==> flow/design.v <==
module sync_adder #(
    parameter BITS = 5
) (
    input wire aclk,
    input wire i_rst,
    input wire valid,
    input wire [BITS-1:0] u_i,
    input wire [BITS-1:0] v_i,
    input wire [BITS-1:0] w_i,
    output reg [BITS+1:0] q_o
);
    reg [BITS-1:0] r_u;
    reg [BITS-1:0] r_v;
    reg [BITS-1:0] r_w;
    reg [BITS:0] r_tmp;
    reg [BITS-1:0] r_w_d;
    always @(posedge aclk or posedge i_rst) begin
        if (i_rst) begin
            r_u <= 0;
            r_v <= 0;
            r_w <= 0;
            r_tmp <= 0;
            r_w_d <= 0;
            q_o <= 0;
        end else if (valid) begin
            r_u <= u_i;
            r_v <= v_i;
            r_w <= w_i;
            r_tmp <= r_u + r_v;
            r_w_d <= r_w;
            q_o <= r_tmp + r_w_d;
        end
    end
endmodule
==> Reports on sync_adder <==
Tool output for the design above, in the order of the flow.
Lines are those of the file above, counted from 1.
Cell names lack the library's common part.
{ "design": {"design": "sync_adder", "clock_port": "aclk", "lib": "sky130hd", "corner": "tt_025C_1v80"} }

==> After elaboration <==
Counts by Yosys on the flattened word-level netlist (proc, flatten, opt, wreduce; memories kept). Register bits leave out memories and registers merged into their read ports (data or address); mux counts leave out enables and synchronous resets folded into registers. Print and check cells are left out. Cells with the same type and inputs are merged into one.
{ "classes": {"n_addsub": 2} }
{ "ops": {"columns": ["cell", "count"], "rows": [
  ["6-bit by 5-bit adder with 7-bit output", 1],
  ["5-bit by 5-bit adder with 6-bit output", 1]
]} }
{ "word_totals": {"reg_bits": 33, "in_bits": 18, "output_inout_bits": 7, "wordCells": 8} }

==> Logic depth <==
Yosys ltp: most cells in a row. Word level: on the elaborated netlist, between registers, memories and ports. Mapped: between sequential cells and ports; inverters and the memories' decode and read muxes count.
{ "logic_depth": {"depth_word": 1, "ABC_AREA": 1, "ltp_mapped": 10, "mapped_depth_nobuf": 10} }

==> Mapped cells and area <==
Yosys stat after the flow's synthesis: flattened, memories mapped to cells. It holds for the ABC_AREA given above (unset counts as 0); a run with the other value may have another netlist.
Totals and module areas in this step are rounded.
{ "mapped": {"cell_count": 192, "area_um2": 1630, "sequential_area_um2": 826, "flip_flops": 33, "buffers": 7} }
{ "types": {"columns": ["cell", "count", "type_area_um2"], "rows": [
  ["dfrtp_1", 33, 825.792],
  ["nand2_1", 86, 322.81],
  ["ha_1", 10, 125.12],
  ["inv_1", 15, 56.304],
  ["o21ai_0", 10, 50.048],
  ["nand3_1", 9, 45.043],
  ["fa_1", 2, 40.038],
  ["buf_6", 3, 33.782],
  ["a21oi_1", 5, 25.024],
  ["nor2_1", 6, 22.522],
  ["o21ai_1", 4, 20.019],
  ["buf_4", 2, 15.014],
  ["nand3b_1", 2, 15.014],
  ["buf_2", 2, 10.01],
  ["o21ai_2", 1, 8.758],
  ["a21o_1", 1, 7.507],
  ["inv_4", 1, 6.256]
]} }

==> Worst setup path after synthesis <==
OpenSTA on the mapped netlist: ideal clock, no wires. The path of least setup slack (recovery checks aside). Input and output delay are each 20% of the period. Register names are those of the netlist, which keeps one name where synthesis merged equal registers.
{ "synth_path": {"kind": "flip-flop to flip-flop", "from": "register r_tmp[0]", "to": "register q_o[4]", "clock_period_ns": 2.17, "setup_ns": 0.119, "launch_ns": 0.000, "t_arrival_ns": 1.259, "required_ns": 2.051, "path_slack_ns": 0.792, "delay_ns": 1.378, "stages": 10, "n_path_buf": 0, "period_less_setup_slack_ns": 1.378} }
"delay_ns" is the arrival time less input delay plus setup time.
"stages" counts driving pins, that of a launching flip-flop among them; a cell with two outputs on the path counts twice.
"period_less_setup_slack_ns" is the clock period less the worst setup slack; recovery checks do not enter. This is arithmetic on one report: input and output delays are still those of the set period (20% each).
The rows between start and end are the longest chain of elaborated cells between them; the timing report does not say that the signal goes this way. Where chains are equally long, one stands for them.
A line is the first line of the expression or statement that the cell stems from. Yosys adds cells for indexed reads and writes and turns some case tables into memories.
{ "synth_between": {"path_cell_list": "dfrtp_1 > ha_1 > inv_1 > fa_1 > inv_1 > nand3_1 > nand2_1 > nand2_1 > nand2_1 > o21ai_2", "elab_chain_len": 1, "cells_between": 1, "lines_between": 1, "cone_classes": "add/sub (1)"} }
{ "synth_rtl": {"columns": ["element", "line", "text"], "rows": [
  ["start, declared", 15, "reg [BITS:0] r_tmp;"],
  ["start, assigned", 22, "r_tmp <= 0;"],
  ["start, assigned", 29, "r_tmp <= r_u + r_v;"],
  ["6-bit by 5-bit adder with 7-bit output", 31, "q_o <= r_tmp + r_w_d;"],
  ["end, assigned", 24, "q_o <= 0;"],
  ["end, assigned", 31, null],
  ["end, declared", 10, "output reg [BITS+1:0] q_o"]
]} }

==> Timing after layout <==
From the final timing report of run 1: the path of least setup slack in the routed layout; clock arrival at registers is part of the times.
{ "layout_path": {"kind": "flip-flop to output port", "from": "register q_o[5]", "to": "output port q_o[5]", "clock_period_ns": 3.1, "out_delay_ns": 0.62, "launch_ns": 0.29, "t_arrival_ns": 1.17, "required_ns": 2.48, "path_slack_ns": 1.31, "stages": 2, "n_path_buf": 1} }
{ "layout_between": {"path_cell_list": "dfrtp_1 > clkdlybuf4s50_1", "elab_chain_len": 0, "cells_between": 0, "lines_between": 0} }
{ "layout_rtl": {"columns": ["element", "line", "text"], "rows": [
  ["start, declared", 10, "output reg [BITS+1:0] q_o"],
  ["start, assigned", 24, "q_o <= 0;"],
  ["start, assigned", 31, "q_o <= r_tmp + r_w_d;"],
  ["end, declared", 10, null]
]} }

Memo
Re: implementation data of sync_adder

Record of 3 stored runs of the RTL-to-layout flow on sync_adder, platform sky130hd. The runs are unordered. Constraints: input delay and output delay 20% of the set period each, output load 0.01 pF.
"power_w" is the tool's figure for a default switching activity; nothing was simulated.
Values from the reports are rounded here.

Run 1
==> flow/run.sh <==
#!/bin/bash
# the make line also repeats the synthesis and layout settings of config.mk as NAME=value (left out here)
make -C /OpenROAD-flow-scripts/flow DESIGN_CONFIG=/design/flow/config.mk WORK_HOME=/design/flow/orfs CLKGATE_MAP_FILE= finish
==> flow/config.mk <==
export PLATFORM = sky130hd
export DESIGN_NAME = sync_adder
export DESIGN_NICKNAME = sync_adder
export VERILOG_FILES = /design/flow/design.v
export SDC_FILE = /design/flow/constraint.sdc
export NUM_CORES = 4
export LEC_CHECK = 0
export ABC_AREA = 1
export CAP_MARGIN = 20
export CELL_PAD_IN_SITES_GLOBAL_PLACEMENT = 0
export CORE_MARGIN = 2
export CORE_UTILIZATION = 40
export CTS_CLUSTER_DIAMETER = 240
export GPL_TIMING_DRIVEN = 0
export SLEW_MARGIN = 0
==> flow/constraint.sdc <==
create_clock -name core_clock -period 3.1 [get_ports {aclk}]
set_input_delay 0.6200 -clock core_clock [delete_from_list [all_inputs] [get_ports {aclk}]]
set_output_delay 0.6200 -clock core_clock [all_outputs]
set_load 0.01 [all_outputs]

==> results of run 1, as JSON <==
{
  "power_w": 0.0012,
  "synth_area_um2": 1630,
  "die_um2": 4600,
  "utilization_pct": 51.6,
  "setup_ws_ns": 1.31
}

Run 2
==> flow/run.sh <==
#!/bin/bash
# the make line also repeats the synthesis and layout settings of config.mk as NAME=value (left out here)
make -C /OpenROAD-flow-scripts/flow DESIGN_CONFIG=/design/flow/config.mk WORK_HOME=/design/flow/orfs CLKGATE_MAP_FILE= finish
==> flow/config.mk <==
export PLATFORM = sky130hd
export DESIGN_NAME = sync_adder
export DESIGN_NICKNAME = sync_adder
export VERILOG_FILES = /design/flow/design.v
export SDC_FILE = /design/flow/constraint.sdc
export NUM_CORES = 4
export LEC_CHECK = 0
export CAP_MARGIN = 20
export CORE_MARGIN = 2
export CORE_UTILIZATION = 40
export SLEW_MARGIN = 20
==> flow/constraint.sdc <==
create_clock -name core_clock -period 2.17 [get_ports {aclk}]
set_input_delay 0.4340 -clock core_clock [delete_from_list [all_inputs] [get_ports {aclk}]]
set_output_delay 0.4340 -clock core_clock [all_outputs]
set_load 0.01 [all_outputs]

==> results of run 2, as JSON <==
{
  "power_w": 0.00192,
  "synth_area_um2": 1580,
  "die_um2": 4470,
  "utilization_pct": 53.0,
  "setup_ws_ns": 0.312
}

Run 3
==> flow/run.sh <==
#!/bin/bash
# the make line also repeats the synthesis and layout settings of config.mk as NAME=value (left out here)
make -C /OpenROAD-flow-scripts/flow DESIGN_CONFIG=/design/flow/config.mk WORK_HOME=/design/flow/orfs CLKGATE_MAP_FILE= finish
==> flow/config.mk <==
export PLATFORM = sky130hd
export DESIGN_NAME = sync_adder
export DESIGN_NICKNAME = sync_adder
export VERILOG_FILES = /design/flow/design.v
export SDC_FILE = /design/flow/constraint.sdc
export NUM_CORES = 4
export LEC_CHECK = 0
export ABC_AREA = 1
export CAP_MARGIN = 20
export CORE_MARGIN = 4
export CORE_UTILIZATION = 40
export CTS_CLUSTER_DIAMETER = 245
export MIN_ROUTING_LAYER = met2
export PLACE_DENSITY_LB_ADDON = 0.25
export SLEW_MARGIN = 25
export TNS_END_PERCENT = 10
==> flow/constraint.sdc <==
create_clock -name core_clock -period 1.49 [get_ports {aclk}]
set_input_delay 0.2980 -clock core_clock [delete_from_list [all_inputs] [get_ports {aclk}]]
set_output_delay 0.2980 -clock core_clock [all_outputs]
set_load 0.01 [all_outputs]

==> results of run 3, as JSON <==
{
  "power_w": 0.00238,
  "synth_area_um2": 1630,
  "die_um2": 5160,
  "utilization_pct": 53.3,
  "setup_ws_ns": 0.085
}
